==> flow/design.v <==
module alu_sub_unit_mod #(
    parameter int WIDTH = 32
) (
    input  logic sys_clk,
    input  logic [WIDTH-1:0] i_da,
    input  logic [WIDTH-1:0] i_db,
    output logic [WIDTH:0] o_result,
    output logic [WIDTH:0] o_out
);
    logic [WIDTH-1:0] r_da;
    logic [WIDTH-1:0] r_db;
    always_ff @(posedge sys_clk) begin
        r_da <= i_da;
        r_db <= i_db;
        o_result <= r_da + r_db;
        o_out <= r_da - r_db;
    end
endmodule
# --- Step by step through the tools: alu_sub_unit_mod ---
# Tool output for the design above, in the order of the flow.
# Line numbers count from 1 in the design file above.
design:
  top: "alu_sub_unit_mod"
  clock_port: "sys_clk"
  lib: "sky130hd"
  pvt_corner: "tt_025C_1v80"

# --- Word-level counts ---
# Source: Yosys, flattened and elaborated, memories not mapped. Widths are those after wreduce; folded enables and synchronous resets count as part of the registers. Registers that Yosys merges into a memory's read port (data or address) are not register bits. Print and check cells do not count. Equal cells are merged and count once.
word_totals:
  in_bits: 65
  out_inout_bits: 66
  reg_bits: 130
classes:
  n_addsub: 2
ops:
  columns: ["cell", "count"]
  rows:
  - ["adder 32 x 32 -> 33 bit", 1]
  - ["subtractor 32 x 32 -> 33 bit", 1]

# --- Longest topological paths ---
# Depth = most cells in a row (Yosys ltp): at word level without a register or memory, in the mapped netlist without a sequential cell, where the memories' decode and read muxes count.
depth:
  depth_word: 1
  abc_area: 0
  depth_mapped: 11
  mapped_depth_nobuf: 11

# --- Mapped cells and area ---
# The flow's flattened synthesis, as Yosys stat reports it; memories are mapped. The netlist is that of the ABC_AREA named above (0 if unset); the other value can give another one.
by_type:
  columns: ["cell_type", "count", "area_total_um2"]
  rows:
  - ["sky130_fd_sc_hd__dfxtp_1", 129, 2.58E+03]
  - ["sky130_fd_sc_hd__ha_1", 64, 800.768]
  - ["sky130_fd_sc_hd__xnor2_1", 45, 394.128]
  - ["sky130_fd_sc_hd__a21oi_1", 48, 240.23]
  - ["sky130_fd_sc_hd__inv_1", 64, 240.23]
  - ["sky130_fd_sc_hd__nor2_1", 53, 198.941]
  - ["sky130_fd_sc_hd__o21bai_1", 16, 120.115]
  - ["sky130_fd_sc_hd__o21ai_0", 18, 90.086]
  - ["sky130_fd_sc_hd__nand2_1", 22, 82.579]
  - ["sky130_fd_sc_hd__a211oi_1", 10, 75.072]
  - ["sky130_fd_sc_hd__nand2b_1", 12, 75.072]
  - ["sky130_fd_sc_hd__a21o_1", 9, 67.565]
  - ["sky130_fd_sc_hd__nand3_1", 13, 65.062]
  - ["sky130_fd_sc_hd__nor2b_1", 9, 56.304]
  - ["sky130_fd_sc_hd__nor3_1", 11, 55.053]
  - ["sky130_fd_sc_hd__xor2_1", 6, 52.55]
  - ["sky130_fd_sc_hd__nand4_1", 8, 50.048]
  - ["sky130_fd_sc_hd__buf_2", 9, 45.043]
# Other cell types: 50; their cells: 108.
mapped:
  flip_flops: 129
  seq_area_mm2: 0.0025825
  cells: 654
  synth_area_mm2: 0.0061872

# --- Path before layout ---
# Source: OpenSTA report_checks on the synthesized netlist (no wires, ideal clock, input and output delay 20% of the period each), path of least setup slack; recovery checks are left aside. Register names are those of the netlist, which keeps one name where synthesis merged equal registers.
synth_timing:
  path_type: "reg2reg"
  startpoint: "reg r_da[0]"
  endpoint: "reg o_out[20]"
  t_required_ps: 3085
  launch_ps: 0
  tclk_ps: 3180
  n_path_buf: 0
  setup_ps: 95
  path_delay_ps: 2545
  arrival_ps: 2450
  stages: 12
  setup_slack_ps: 634
  period_less_setup_slack_ps: 2546
# "path_delay_ps" is the arrival time less input delay plus setup time.
# "stages": output pins that drive a net of the path, with the launching flip-flop's if there is one; two outputs of one cell count as two.
# "period_less_setup_slack_ps" = period - worst setup slack (recovery checks aside). The figure is calculated, with input and output delays left at 20% of the set period.
# The rows between start and end are the longest chain of elaborated cells between them; the timing report does not say that the signal goes this way. Where chains are equally long, one stands for them.
# A line is the first line of the expression or statement that the cell stems from. Yosys adds cells for indexed reads and writes and turns some case tables into memories.
synth_between:
  path_cell_list: "sky130_fd_sc_hd__dfxtp_1 > sky130_fd_sc_hd__inv_1 > sky130_fd_sc_hd__ha_1 > sky130_fd_sc_hd__fa_1 > sky130_fd_sc_hd__nand2b_1 > sky130_fd_sc_hd__a21oi_1 > sky130_fd_sc_hd__o221a_1 > sky130_fd_sc_hd__a31o_4 > sky130_fd_sc_hd__nand4_1 > sky130_fd_sc_hd__a311oi_1 > sky130_fd_sc_hd__nand4_1 > sky130_fd_sc_hd__o311ai_1"
  elab_chain_cells: 1
synth_lines:
  columns: ["element", "line", "text"]
  rows:
  - ["start: declaration", 10, "logic [WIDTH-1:0] r_da;"]
  - ["start: assignment", 13, "r_da <= i_da;"]
  - ["subtractor 32 x 32 -> 33 bit", 16, "o_out <= r_da - r_db;"]
  - ["end: assignment", 16, null]
  - ["end: declaration", 8, "output logic [WIDTH:0] o_out"]

# --- Timing after layout ---
# From the final timing report of run 2: the path of least setup slack in the routed layout; clock arrival at registers is part of the times.
# The path's times are printed in steps of 10 ps; the period is the one set.
layout_timing:
  path_type: "reg2reg"
  startpoint: "reg r_da[0]"
  endpoint: "reg o_out[26]"
  arrival_ps: 2880
  setup_ps: 120
  launch_ps: 430
  n_path_buf: 1
  setup_slack_ps: -650
  tclk_ps: 1920
  t_required_ps: 2230
  stages: 13
# The rows between start and end are the longest chain of elaborated cells between them; the timing report does not say that the signal goes this way. Where chains are equally long, one stands for them.
layout_between:
  path_cell_list: "sky130_fd_sc_hd__dfxtp_2 > sky130_fd_sc_hd__buf_6 > sky130_fd_sc_hd__inv_2 > sky130_fd_sc_hd__ha_4 > sky130_fd_sc_hd__fa_2 > sky130_fd_sc_hd__nand2b_4 > sky130_fd_sc_hd__a21oi_4 > sky130_fd_sc_hd__o221a_4 > sky130_fd_sc_hd__a31o_4 > sky130_fd_sc_hd__nand3b_4 > sky130_fd_sc_hd__a21boi_4 > sky130_fd_sc_hd__a41oi_2 > sky130_fd_sc_hd__xnor2_1"
  elab_chain_cells: 1
layout_lines:
  columns: ["element", "line", "text"]
  rows:
  - ["start: declaration", 10, "logic [WIDTH-1:0] r_da;"]
  - ["start: assignment", 13, "r_da <= i_da;"]
  - ["subtractor 32 x 32 -> 33 bit", 16, "o_out <= r_da - r_db;"]
  - ["end: assignment", 16, null]
  - ["end: declaration", 8, "output logic [WIDTH:0] o_out"]

# Module alu_sub_unit_mod, platform sky130hd: 3 stored runs of the flow (Yosys, OpenROAD) with differing settings, in no particular order. Input and output delays are each 20% of the period that was set; the output load is 0.01 pF.
# "achievedPeriod_ps" = clock period - worst setup slack. The figure is calculated, with input and output delays left at 20% of the set period.
# "worstPathTime_ps" is the time allowed to the run's worst setup path (the clock period less input and output delay, where it has them) less its slack. Clock arrival times count: a late capture clock shortens it, a late launch clock lengthens it.
# "power.total_uw" is the tool's figure for a default switching activity; nothing was simulated.
# "worstPathTime_ps" is known to 10 ps.
runs:
  - name: "run 1"
    settings:
      period_ns: 2.99
      CORE_UTILIZATION: 51
      PLACE_DENSITY: 0.5
      CORE_MARGIN: 10
      CELL_PAD_IN_SITES_GLOBAL_PLACEMENT: 2
      CELL_PAD_IN_SITES_DETAIL_PLACEMENT: 1
      SLEW_MARGIN: 40
      CAP_MARGIN: 20
    outcome: "unfinished; error GPL-0301 in placement"
  - name: "run 2"
    settings:
      period_ns: 1.92
      CORE_UTILIZATION: 26
      SETUP_SLACK_MARGIN: 0.27
      PLACE_DENSITY: 0.42
      CELL_PAD_IN_SITES_DETAIL_PLACEMENT: 1
      ABC_AREA: 0
      CAP_MARGIN: 25
      CORE_MARGIN: 2
      SLEW_MARGIN: 20
    results:
      synthArea_mm2: 0.0061872
      dieArea_mm2: 0.0250462
      stdcell_area_mm2: 0.0112433
      final_setup_ws_ps: -650
      power.total_uw: 9709
      achievedPeriod_ps: 2570
      worstPathTime_ps: 2570
      worst_path_kind: "reg2reg"
  - name: "run 3"
    settings:
      period_ns: 3.18
      CAP_MARGIN: 20
      CORE_MARGIN: 2
      CORE_UTILIZATION: 40
      SLEW_MARGIN: 20
    results:
      synthArea_mm2: 0.0061872
      dieArea_mm2: 0.0164789
      stdcell_area_mm2: 0.0082054
      final_setup_ws_ps: 225
      power.total_uw: 5105
      achievedPeriod_ps: 2955
      worstPathTime_ps: 2960
      worst_path_kind: "reg2reg"
